==> flow/design.v <==
module selector_mod (i_clk, resetn, ch_0, ch_1, ch_2, ch_3, ch_4, ch_5, pick, out);
  parameter DW = 24;
  input i_clk;
  input resetn;
  input [DW-1:0] ch_0;
  input [DW-1:0] ch_1;
  input [DW-1:0] ch_2;
  input [DW-1:0] ch_3;
  input [DW-1:0] ch_4;
  input [DW-1:0] ch_5;
  input [4:0] pick;
  output reg [DW-1:0] out;
  reg [DW-1:0] work;
  always @(*) begin
    casez (pick)
      5'b????1: work = ch_0;
      5'b???10: work = ch_1;
      5'b??100: work = ch_2;
      5'b?1000: work = ch_3;
      5'b10000: work = ch_4;
      default: work = ch_5;
    endcase
  end
  always @(posedge i_clk or negedge resetn) begin
    if (!resetn) begin
      out <= 0;
    end else begin
      out <= work;
    end
  end
endmodule
From RTL to reports: selector_mod --
Tool output for the design above, in the order of the flow. Lines are those of the file above, counted from 1. Operators: Yosys type, input widths -> output width; for muxes data width and select width s. Cell names lack the library's common part. Not given: -
Set-up: design top selector_mod, clock input i_clk, library sky130hd, timing corner tt_025C_1v80

Word-level counts --
Counts by Yosys on the flattened word-level netlist (proc, flatten, opt, wreduce; memories kept). Register bits leave out memories and registers merged into their read ports (data or address); mux counts leave out enables and synchronous resets folded into registers. Print and check cells are left out. Cells with the same type and inputs are merged into one.
Bit counts: register bits 24, bits of input ports 151, output and inout bits 24, word-level cells 6
Cells by class: equality and inequality tests 4, multiplexer cells 1
Operators with widths (count):
- $pmux 24 s5 | 1
- $eq 5x5->1 const B | 1
- $eq 4x4->1 const B | 1
- $eq 3x3->1 const B | 1
- $eq 2x2->1 const B | 1

Logic depth --
Depth = most cells in a row (Yosys ltp): at word level without a register or memory, in the mapped netlist without a sequential cell, where the memories' decode and read muxes count.
Logic depth: word-level depth 2, ABC_AREA 0, mapped depth 6, depth with buffers taken out 3

After synthesis --
The flow's flattened synthesis, as Yosys stat reports it; memories are mapped. The netlist is that of the ABC_AREA named above (0 if unset); the other value can give another one.
Cell types:
- dfrtp_1 | count 24, total area 600.576 um2
- a22o_1 | count 24, total area 210.202 um2
- a2bb2oi_1 | count 24, total area 210.202 um2
- a22oi_1 | count 24, total area 180.173 um2
- nand3b_1 | count 24, total area 180.173 um2
- nand2b_1 | count 25, total area 156.4 um2
- a21oi_1 | count 24, total area 120.115 um2
- inv_1 | count 24, total area 90.086 um2
- buf_2 | count 10, total area 50.048 um2
- clkbuf_1 | count 10, total area 37.536 um2
- nor4b_4 | count 1, total area 23.773 um2
- buf_6 | count 2, total area 22.522 um2
- nor4_4 | count 1, total area 21.27 um2
Synthesis totals: cell count 217, mapped area 0.0019031 mm2, sequential area 0.0006006 mm2, mapped flip-flops 24, buffer cells 22

Timing after synthesis --
Path of least setup slack by OpenSTA after synthesis, without wires, with an ideal clock, recovery checks aside; 20% of the period is set as input and as output delay. Where synthesis merged equal registers, the netlist keeps one of their names.
Path post-synthesis: path kind input -> register, start input port pick[2], end register out[0], clock period 1780 ps, input delay 356 ps, setup time 124 ps, time at the first pin 356 ps, data arrival time 1374 ps, required time 1656 ps, slack 281 ps, delay of the path 1142 ps, stages on the path 6, path buffers 3, synthesis period reached 1499 ps
"delay of the path" is the arrival time less input delay plus setup time. "stages on the path" counts driving pins, that of a launching flip-flop among them; a cell with two outputs on the path counts twice. "synthesis period reached" is the clock period less the worst setup slack; recovery checks do not enter. This is arithmetic on one report: input and output delays are still those of the set period (20% each). The rows between start and end are the longest chain of elaborated cells between them; the timing report does not say that the signal goes this way. Where chains are equally long, one stands for them. A line is the first line of the expression or statement that the cell stems from. Yosys adds cells for indexed reads and writes and turns some case tables into memories.
On the way, post-synthesis: path through buf_2 > nor4_4 > nand2b_1 > buf_2 > buf_6 > a2bb2oi_1, length of the longest elaborated chain 2, elaborated cells on any way between the ends 4, RTL lines with such cells 1, classes of those cells 3 x eq/ne; 1 x mux
Ends and longest elaborated chain, post-synthesis:
- start, declared | line 11 | input [4:0] pick;
- $eq 5x5->1 | line 15 | casez (pick)
- $pmux 24 s5 | line 15
- end, assigned | line 26 | out <= 0;
- end, assigned | line 28 | out <= work;
- end, declared | line 12 | output reg [DW-1:0] out;

Timing after layout --
Path of least setup slack in the final report of stored run 1 (OpenROAD, finished layout, wires in). Where an end is a register, its clock arrival counts in the times. The path's times are printed in steps of 10 ps; the period is the one set.
Path after layout: path kind input -> register, start input port pick[2], end register out[14], clock period 1780 ps, input delay 360 ps, setup time 80 ps, time at the first pin 360 ps, data arrival time 1840 ps, required time 1980 ps, slack 140 ps, stages on the path 5, path buffers 2
The rows between start and end are the longest chain of elaborated cells between them; the timing report does not say that the signal goes this way. Where chains are equally long, one stands for them.
On the way, after layout: path through clkdlybuf4s50_1 > nor4_4 > buf_4 > a22oi_1 > a2bb2oi_1, length of the longest elaborated chain 2, elaborated cells on any way between the ends 4, RTL lines with such cells 1, classes of those cells 3 x eq/ne; 1 x mux
Ends and longest elaborated chain, after layout:
- start, declared | line 11 | input [4:0] pick;
- $eq 5x5->1 | line 15 | casez (pick)
- $pmux 24 s5 | line 15
- end, assigned | line 26 | out <= 0;
- end, assigned | line 28 | out <= work;
- end, declared | line 12 | output reg [DW-1:0] out;

Memo
Re: implementation data of selector_mod

Module selector_mod, platform sky130hd: 3 stored runs of the flow (Yosys, OpenROAD) with differing settings, in no particular order. Input and output delays are each 20% of the period that was set; the output load is 0.01 pF.
By "clock period achieved" is meant the clock period of the run minus its worst setup slack. This is arithmetic on one report: input and output delays are still those of the set period (20% each).
"time of the worst setup path" is the time allowed to the run's worst setup path (the clock period less input and output delay, where it has them) less its slack. Clock arrival times count: a late capture clock shortens it, a late launch clock lengthens it.
"power consumption" rests on the timing tool's default activity at the inputs, not on a simulated workload.
"time of the worst setup path" is known to 10 ps.

* Stored run 1 | settings: period_ns 1.78; CAP_MARGIN 20; CORE_MARGIN 2; CORE_UTILIZATION 40; SLEW_MARGIN 20 | results: time of the worst setup path 1,280 ps; worst setup path kind input -> register; power consumption 0.00176 W; netlist area reported by Yosys 0.0019031 mm2; setup total negative slack 0 ps; setup slack of the critical path 140 ps; die size 0.0053254 mm2; utilization after layout 80.8 %; clock period achieved 1,640 ps
* Stored run 2 | settings: period_ns 0.974; CORE_UTILIZATION 39; SETUP_SLACK_MARGIN 0.19; PLACE_DENSITY 0.44; CORE_MARGIN 5; ABC_AREA 0; GPL_ROUTABILITY_DRIVEN 0; CAP_MARGIN 40; MIN_ROUTING_LAYER met1; SLEW_MARGIN 20 | results: time of the worst setup path 820 ps; worst setup path kind register -> output; power consumption 0.003678 W; netlist area reported by Yosys 0.0019031 mm2; setup total negative slack -864 ps; setup slack of the critical path -42 ps; die size 0.0063768 mm2; utilization after layout 90.5 %; clock period achieved 1,016 ps
* Stored run 3 | settings: period_ns 2.76; CORE_UTILIZATION 57; PLACE_DENSITY_LB_ADDON 0.27; CORE_ASPECT_RATIO 1.12; CELL_PAD_IN_SITES_GLOBAL_PLACEMENT 3; CELL_PAD_IN_SITES_DETAIL_PLACEMENT 2; TNS_END_PERCENT 100; ABC_AREA 0; CTS_CLUSTER_DIAMETER 319; SLEW_MARGIN 15; MIN_ROUTING_LAYER met2; CAP_MARGIN 20; CORE_MARGIN 2 | unfinished; error FLW-0024 in placement
